==> flow/design.v <==
module ex_compare #(
    parameter integer BITS = 96
) (
    input  aclk,
    input  [BITS-1:0] opa,
    input  [BITS-1:0] opb,
    output reg is_lt,
    output reg same
);
    reg [BITS-1:0] opa_r;
    reg [BITS-1:0] opb_r;
    reg [BITS:0] work_r;
    always @(posedge aclk) begin
        opa_r <= opa;
        opb_r <= opb;
        work_r <= {1'b0, opa_r} - {1'b0, opb_r};
        is_lt <= work_r[BITS];
        same <= ~|work_r[BITS-1:0];
    end
endmodule
## Step by step through the tools: ex_compare

What the tools print for ex_compare, step after step.
Line numbers count from 1 in the design file above.
Operators: Yosys type, input widths -> output width; for muxes data width and select width s.
Cell names lack the library's common part.
Not given: n/a

- Design top: ex_compare
- Clock port: aclk
- Cell library: sky130hd
- Library corner: tt_025C_1v80

## Word level

Yosys after proc, flatten, opt, wreduce and memory -nomap, before mapping. Enables and synchronous resets that opt folds into registers are not counted as muxes. Memory bits, and registers merged into a memory's read port (data or address), are not among the register bits. Print and check cells are not counted. Equal cells are merged and count once.

- Reductions and logical operators: 2
- $lt $le $gt $ge: 0
- Bitwise gates (word level): 0
- Shift operators: 0
- Multiply operators: 0
- Equal/unequal tests: 0
- Div/mod/pow operators: 0
- Add/subtract/negate cells: 1
- Multiplexer cells: 0

Operator list:

| operator | count |
|---|---|
| $sub 96x96->97 | 1 |
| $reduce_or 96->1 | 1 |
| $logic_not 1->1 | 1 |

- Memory cells: 0
- Latch bits: 0
- Memory bits (read-only): 0
- Word-level cells: 8
- Register bits after elaboration: 291
- Bits of input ports: 193
- Clocked read ports x word width: 0
- Memory bits (writable): 0

## Depth

Yosys ltp: most cells in a row. Word level: on the elaborated netlist, between registers, memories and ports. Mapped: between sequential cells and ports; inverters and the memories' decode and read muxes count.

- Depth in word-level cells: 2
- ABC_AREA: 0
- Depth in mapped cells: 14
- Gate-level depth less buffers: 14

## After synthesis

The flow's flattened synthesis, as Yosys stat reports it; memories are mapped. The netlist is that of the ABC_AREA named above (0 if unset); the other value can give another one.

Cells by type:

| cell | count | total area (sq um) |
|---|---|---|
| dfxtp_1 | 291 | 5.83E+03 |
| ha_1 | 96 | 1.2E+03 |
| a21oi_1 | 127 | 635.61 |
| xnor2_1 | 52 | 455.437 |
| inv_1 | 119 | 446.678 |
| a21o_1 | 52 | 390.374 |
| nand2_1 | 99 | 371.606 |
| o21ai_0 | 68 | 340.326 |
| xor2_1 | 37 | 324.061 |
| nand4_1 | 41 | 256.496 |
| nor4_1 | 30 | 187.68 |
| nor2_1 | 49 | 183.926 |
| clkbuf_1 | 41 | 153.898 |
| o21bai_1 | 17 | 127.622 |
| nor3_1 | 24 | 120.115 |
| nand3_1 | 21 | 105.101 |
| and3_1 | 16 | 100.096 |
| nand2b_1 | 15 | 93.84 |

Not listed: further types 37, cells in them 121.

- Synthesis area: 0.012228 sq mm
- Standard cells after synthesis: 1316
- Flip-flop cells: 291

## Timing after synthesis

OpenSTA on the mapped netlist: ideal clock, no wires. The path of least setup slack (recovery checks aside). Input and output delay are each 20% of the period. Register names are those of the netlist, which keeps one name where synthesis merged equal registers.

- Path kind: register to register
- From: reg opa_r[0]
- To: reg work_r[94]
- Stages: 15
- Slack: 0.871 ns
- Buffers on the path: 0
- Path delay: 3.499 ns
- Data required time: 4.251 ns
- Library setup time: 0.119 ns
- Data arrival time: 3.380 ns
- Period: 4.37 ns
- Period reached after synthesis: 3.499 ns

"path delay" is the arrival time less input delay plus setup time.
"stages": output pins that drive a net of the path, with the launching flip-flop's if there is one; two outputs of one cell count as two.
"period reached after synthesis" = period - worst setup slack (recovery checks aside). The figure is calculated, with input and output delays left at 20% of the set period.
The rows between start and end are the longest chain of elaborated cells between them; the timing report does not say that the signal goes this way. Where chains are equally long, one stands for them.
A line is the first line of the expression or statement that the cell stems from. Yosys adds cells for indexed reads and writes and turns some case tables into memories.

- Cell sequence: dfxtp_1 > inv_1 > ha_1 > fa_1 > nand2b_1 > a2111oi_0 > nor2_1 > a211oi_2 > a211oi_1 > a2111o_1 > a211o_1 > a2111oi_2 > o21ai_1 > o31a_1 > xnor2_1
- Cells in the longest elaborated chain: 1

RTL lines, path post-synthesis:

| item | line | text |
|---|---|---|
| from (decl) | 10 | `reg [BITS-1:0] opa_r;` |
| from (assign) | 14 | `opa_r <= opa;` |
| $sub 96x96->97 | 16 | `work_r <= {1'b0, opa_r} - {1'b0, opb_r};` |
| to (assign) | 16 |  |
| to (decl) | 12 | `reg [BITS:0] work_r;` |

## Worst path after layout

From the final timing report of flow run A: the path of least setup slack in the routed layout; clock arrival at registers is part of the times.

- Path kind: register to register
- From: reg opa_r[0]
- To: reg work_r[94]
- Data required time: 4.81 ns
- Library setup time: 0.11 ns
- Period: 4.37 ns
- Stages: 15
- Slack: 0.42 ns
- Buffers on the path: 0
- Data arrival time: 4.39 ns

The rows between start and end are the longest chain of elaborated cells between them; the timing report does not say that the signal goes this way. Where chains are equally long, one stands for them.

- Cell sequence: dfxtp_1 > inv_1 > ha_1 > fa_1 > nand2b_1 > a2111oi_0 > nor2_1 > a211oi_2 > a211oi_1 > a2111o_1 > a211o_1 > a2111oi_2 > o21ai_1 > o31a_1 > xnor2_1
- Cells in the longest elaborated chain: 1

RTL lines, path after layout:

| item | line | text |
|---|---|---|
| from (decl) | 10 | `reg [BITS-1:0] opa_r;` |
| from (assign) | 14 | `opa_r <= opa;` |
| $sub 96x96->97 | 16 | `work_r <= {1'b0, opa_r} - {1'b0, opb_r};` |
| to (assign) | 16 |  |
| to (decl) | 12 | `reg [BITS:0] work_r;` |

Module ex_compare, platform sky130hd: 3 stored runs of the flow (Yosys, OpenROAD) with differing settings, in no particular order. Input and output delays are each 20% of the period that was set; the output load is 0.01 pF.
"time used up by the worst setup path" is the time allowed to the run's worst setup path (the clock period less input and output delay, where it has them) less its slack. Clock arrival times count: a late capture clock shortens it, a late launch clock lengthens it.

### Flow run A

Settings: `period_ns=4.37`, `CAP_MARGIN=20`, `CORE_MARGIN=2`, `CORE_UTILIZATION=40`, `SLEW_MARGIN=20`

- Overall die area: 0.0319837 sq mm
- Setup total negative slack: 0.000 ns
- Lowest setup slack: 0.420 ns
- Area of the standard cells in the finished layout: 0.0155299 sq mm
- Synthesized cell area: 0.012228 sq mm
- Time used up by the worst setup path: 3.95 ns
- Worst setup path kind: register to register

### Flow run B

Settings: `period_ns=2.42`, `CORE_UTILIZATION=22`, `SETUP_SLACK_MARGIN=0.58`, `PLACE_DENSITY=0.47`, `CORE_ASPECT_RATIO=0.55`, `ABC_AREA=0`, `GPL_ROUTABILITY_DRIVEN=0`, `CAP_MARGIN=20`, `CORE_MARGIN=2`, `SLEW_MARGIN=20`

- Overall die area: 0.0575677 sq mm
- Setup total negative slack: -47.346 ns
- Lowest setup slack: -1.115 ns
- Area of the standard cells in the finished layout: 0.020636 sq mm
- Synthesized cell area: 0.012228 sq mm
- Time used up by the worst setup path: 3.54 ns
- Worst setup path kind: register to register

### Flow run C

Settings: `period_ns=3.38`, `CORE_UTILIZATION=66`, `PLACE_DENSITY_LB_ADDON=0.24`, `HOLD_SLACK_MARGIN=0.29`, `TNS_END_PERCENT=5`, `GPL_TIMING_DRIVEN=0`, `CTS_CLUSTER_SIZE=88`, `CTS_CLUSTER_DIAMETER=190`, `MIN_ROUTING_LAYER=met1`, `CAP_MARGIN=20`, `CORE_MARGIN=2`, `SLEW_MARGIN=20`

- Overall die area: 0.0196322 sq mm
- Setup total negative slack: -1.215 ns
- Lowest setup slack: -0.293 ns
- Area of the standard cells in the finished layout: 0.0149055 sq mm
- Synthesized cell area: 0.012228 sq mm
- Time used up by the worst setup path: 3.67 ns
- Worst setup path kind: register to register
